==> flow/design.v <==
module ram_block #(
  parameter DEPTH = 48,
  parameter W = 2,
  parameter ABITS = $clog2(DEPTH)
) (
  input  clk_i,
  input  i_rst_n,
  input  [ABITS-1:0] address,
  input  write,
  input  [W-1:0] wr_data,
  output reg [W-1:0] rd
);
  reg [ABITS-1:0] address_s;
  reg write_s;
  reg [W-1:0] wr_data_s;
  always @(posedge clk_i or negedge i_rst_n) begin
    if (!i_rst_n) begin
      address_s <= 0;
      write_s <= 1'b0;
      wr_data_s <= 0;
    end else begin
      address_s <= address;
      write_s <= write;
      wr_data_s <= wr_data;
    end
  end
  reg [W-1:0] bank [0:DEPTH-1];
  always @(posedge clk_i)
    if (write_s) bank[address_s] <= wr_data_s;
  always @(posedge clk_i or negedge i_rst_n) begin
    if (!i_rst_n) begin
      rd <= 0;
    end else begin
      rd <= write_s ? wr_data_s : bank[address_s];
    end
  end
endmodule
# Reports on ram_block
# Tool output for the design above, in the order of the flow.
# Lines are those of the file above, counted from 1.
# Operators carry their Yosys type and port widths (W data, S select, Z words).
# Library cell names are shortened.
# A cell with -- has no value.
# setup
top	ram_block
clk_port	clk_i
cell_library	sky130hd
corner	tt_025C_1v80

# Elaborated design
# Source: Yosys, flattened and elaborated, memories not mapped. Widths are those after wreduce; folded enables and synchronous resets count as part of the registers. Registers that Yosys merges into a memory's read port (data or address) are not register bits. Print and check cells do not count. Equal cells are merged and count once.
# Memory sizes are those after Yosys's memory passes, which may raise the word count (mostly to a power of two), join words into wider ones and drop unused or constant bits.
# bits
register_bits	9
output_inout_bits	2
clocked_rd_ports_x_width	2
memories	1
mem_bits_rw	96
inputBits	11
word_cells	8
# memory_table
name	size	width	rd	wr	line	rtl
bank	48	2	1	1	27	reg [W-1:0] bank [0:DEPTH-1];
# classes
reduce_and_logical	1
muxes	3
# op_table
op	count
$mux W6	1
$mux W2	1
$logic_not A1 Y1	1
$mux W1	1

# Longest topological paths
# Depth = most cells in a row (Yosys ltp): at word level without a register or memory, in the mapped netlist without a sequential cell, where the memories' decode and read muxes count.
# logic_depth
word_depth	1
abc_area	0
mapped_depth	9
depth_no_buf	5

# After synthesis
# The flow's flattened synthesis, as Yosys stat reports it; memories are mapped. The netlist is that of the ABC_AREA named above (0 if unset); the other value can give another one.
# by_type
type	count	type_area_um2
edfxtp_1	96	2.88E+03
dfrtp_1	11	275.264
nor2_1	51	191.434
mux4_2	8	180.173
mux2i_1	11	110.106
nand2_1	16	60.058
mux4_1	2	52.55
a211oi_1	6	45.043
and3b_1	4	35.034
buf_2	7	35.034
buf_6	3	33.782
mux2_1	3	33.782
nand2b_1	5	31.28
nand3_1	6	30.029
nand3b_1	4	30.029
nor3_1	6	30.029
a221oi_1	3	26.275
a31oi_1	4	25.024
# Other cell types: 33; their cells: 54.
# mapped
yosys_area_um2	4494.3
cell_count	300
ff_cells	107
n_buf	18

# Worst setup path after synthesis
# Path of least setup slack by OpenSTA after synthesis, without wires, with an ideal clock, recovery checks aside; 20% of the period is set as input and as output delay. Where synthesis merged equal registers, the netlist keeps one of their names.
# synth_path
path_type	register -> register
startpoint	reg address_s[2]
endpoint	reg rd[1]
delay_ps	1883
t_required_ps	2221
n_path_buf	2
slack_ps	468
tclk_ps	2350
t_arrival_ps	1754
setup_time_ps	129
stages	8
synth_period_reached_ps	1882
# "delay_ps" = arrival - input delay + setup time.
# "stages": output pins that drive a net of the path, with the launching flip-flop's if there is one; two outputs of one cell count as two.
# "synth_period_reached_ps" = period - worst setup slack (recovery checks aside). The figure is calculated, with input and output delays left at 20% of the set period.
# synth_between
cell_sequence	dfrtp_1 -> buf_6 -> buf_6 -> and3_4 -> a311oi_2 -> o22ai_1 -> a211o_1 -> a2111o_1
# synth_lines
item	line	rtl
start: declaration	13	reg [ABITS-1:0] address_s;
start: assignment	18	address_s <= 0;
start: assignment	22	address_s <= address;
end: declaration	11	output reg [W-1:0] rd
# Chain of elaborated cells between the ends: none given.

# Worst path after layout
# Path of least setup slack in the final report of flow run 1 (OpenROAD, finished layout, wires in). Where an end is a register, its clock arrival counts in the times.
# The path's times are printed in steps of 10 ps; the period is the one set.
# layout_path
path_type	register -> register
startpoint	reg address_s[1]
endpoint	reg rd[1]
t_required_ps	3880
setup_time_ps	120
t_arrival_ps	3110
stages	7
slack_ps	770
tclk_ps	3650
n_path_buf	1
# layout_between
cell_sequence	dfrtp_1 -> buf_4 -> mux4_2 -> and2_1 -> a211oi_1 -> nor3_1 -> a2111o_1
# layout_lines
item	line	rtl
start: declaration	13	reg [ABITS-1:0] address_s;
start: assignment	18	address_s <= 0;
start: assignment	22	address_s <= address;
end: declaration	11	output reg [W-1:0] rd
# Chain of elaborated cells between the ends: none given.

# Measured results for ram_block: 3 stored runs of the Yosys and OpenROAD flow on sky130hd. The settings differ; the order carries no meaning. The constraints put input and output delay at 20% of the set period each and load the outputs with 0.01 pF.
# By "timing.achieved_period_ps" is meant the clock period of the run minus its worst setup slack. This is arithmetic on one report: input and output delays are still those of the set period (20% each).
# "worst_path_ps" = time allowed to the worst setup path (clock period - input delay - output delay, where it has them) - its slack; a late launch clock adds to it, a late capture clock takes from it.
# By "power.total_uw" is meant OpenSTA's value without simulated activity: inputs other than the clock are taken to toggle once in ten clock periods, and the tool carries that through the logic.
# "worst_path_ps" is given in steps of 10 ps.
# Settings: n/a = not set for that run.
# Among the results, n/a means that no value is shown for the run.
stored run	period_ns	CORE_UTILIZATION	PLACE_DENSITY	CORE_ASPECT_RATIO	CELL_PAD_IN_SITES_DETAIL_PLACEMENT	TNS_END_PERCENT	GPL_ROUTABILITY_DRIVEN	CTS_CLUSTER_SIZE	CTS_CLUSTER_DIAMETER	CAP_MARGIN	SLEW_MARGIN	MIN_ROUTING_LAYER	MAX_ROUTING_LAYER	CORE_MARGIN	SETUP_SLACK_MARGIN	PLACE_DENSITY_LB_ADDON	CELL_PAD_IN_SITES_GLOBAL_PLACEMENT	power.total_uw	fin_ws_ps	die_footprint_um2	timing.achieved_period_ps	tns_setup_ps	synth_area_um2	worst_path_ps	critical_path_kind	cell_area_final_um2
flow run 1	3.65	27	0.74	1.64	0	65	1	58	393	25	0	met2	met5	2	n/a	n/a	n/a	2461	767	17724.9	2883	0	4494.3	2880	register -> register	5107.4
flow run 2	2.35	40	n/a	n/a	n/a	n/a	n/a	n/a	n/a	20	20	n/a	n/a	2	n/a	n/a	n/a	3563	160	12100.0	2190	0	4494.3	2190	register -> register	5001.1
flow run 3	1.25	53	n/a	n/a	2	55	n/a	n/a	n/a	20	20	met1	met4	2	0.25	0.29	1	n/a	n/a	n/a	n/a	n/a	n/a	n/a	n/a	n/a
# Flow run 3: incomplete, clock tree synthesis halted on DPL-0033
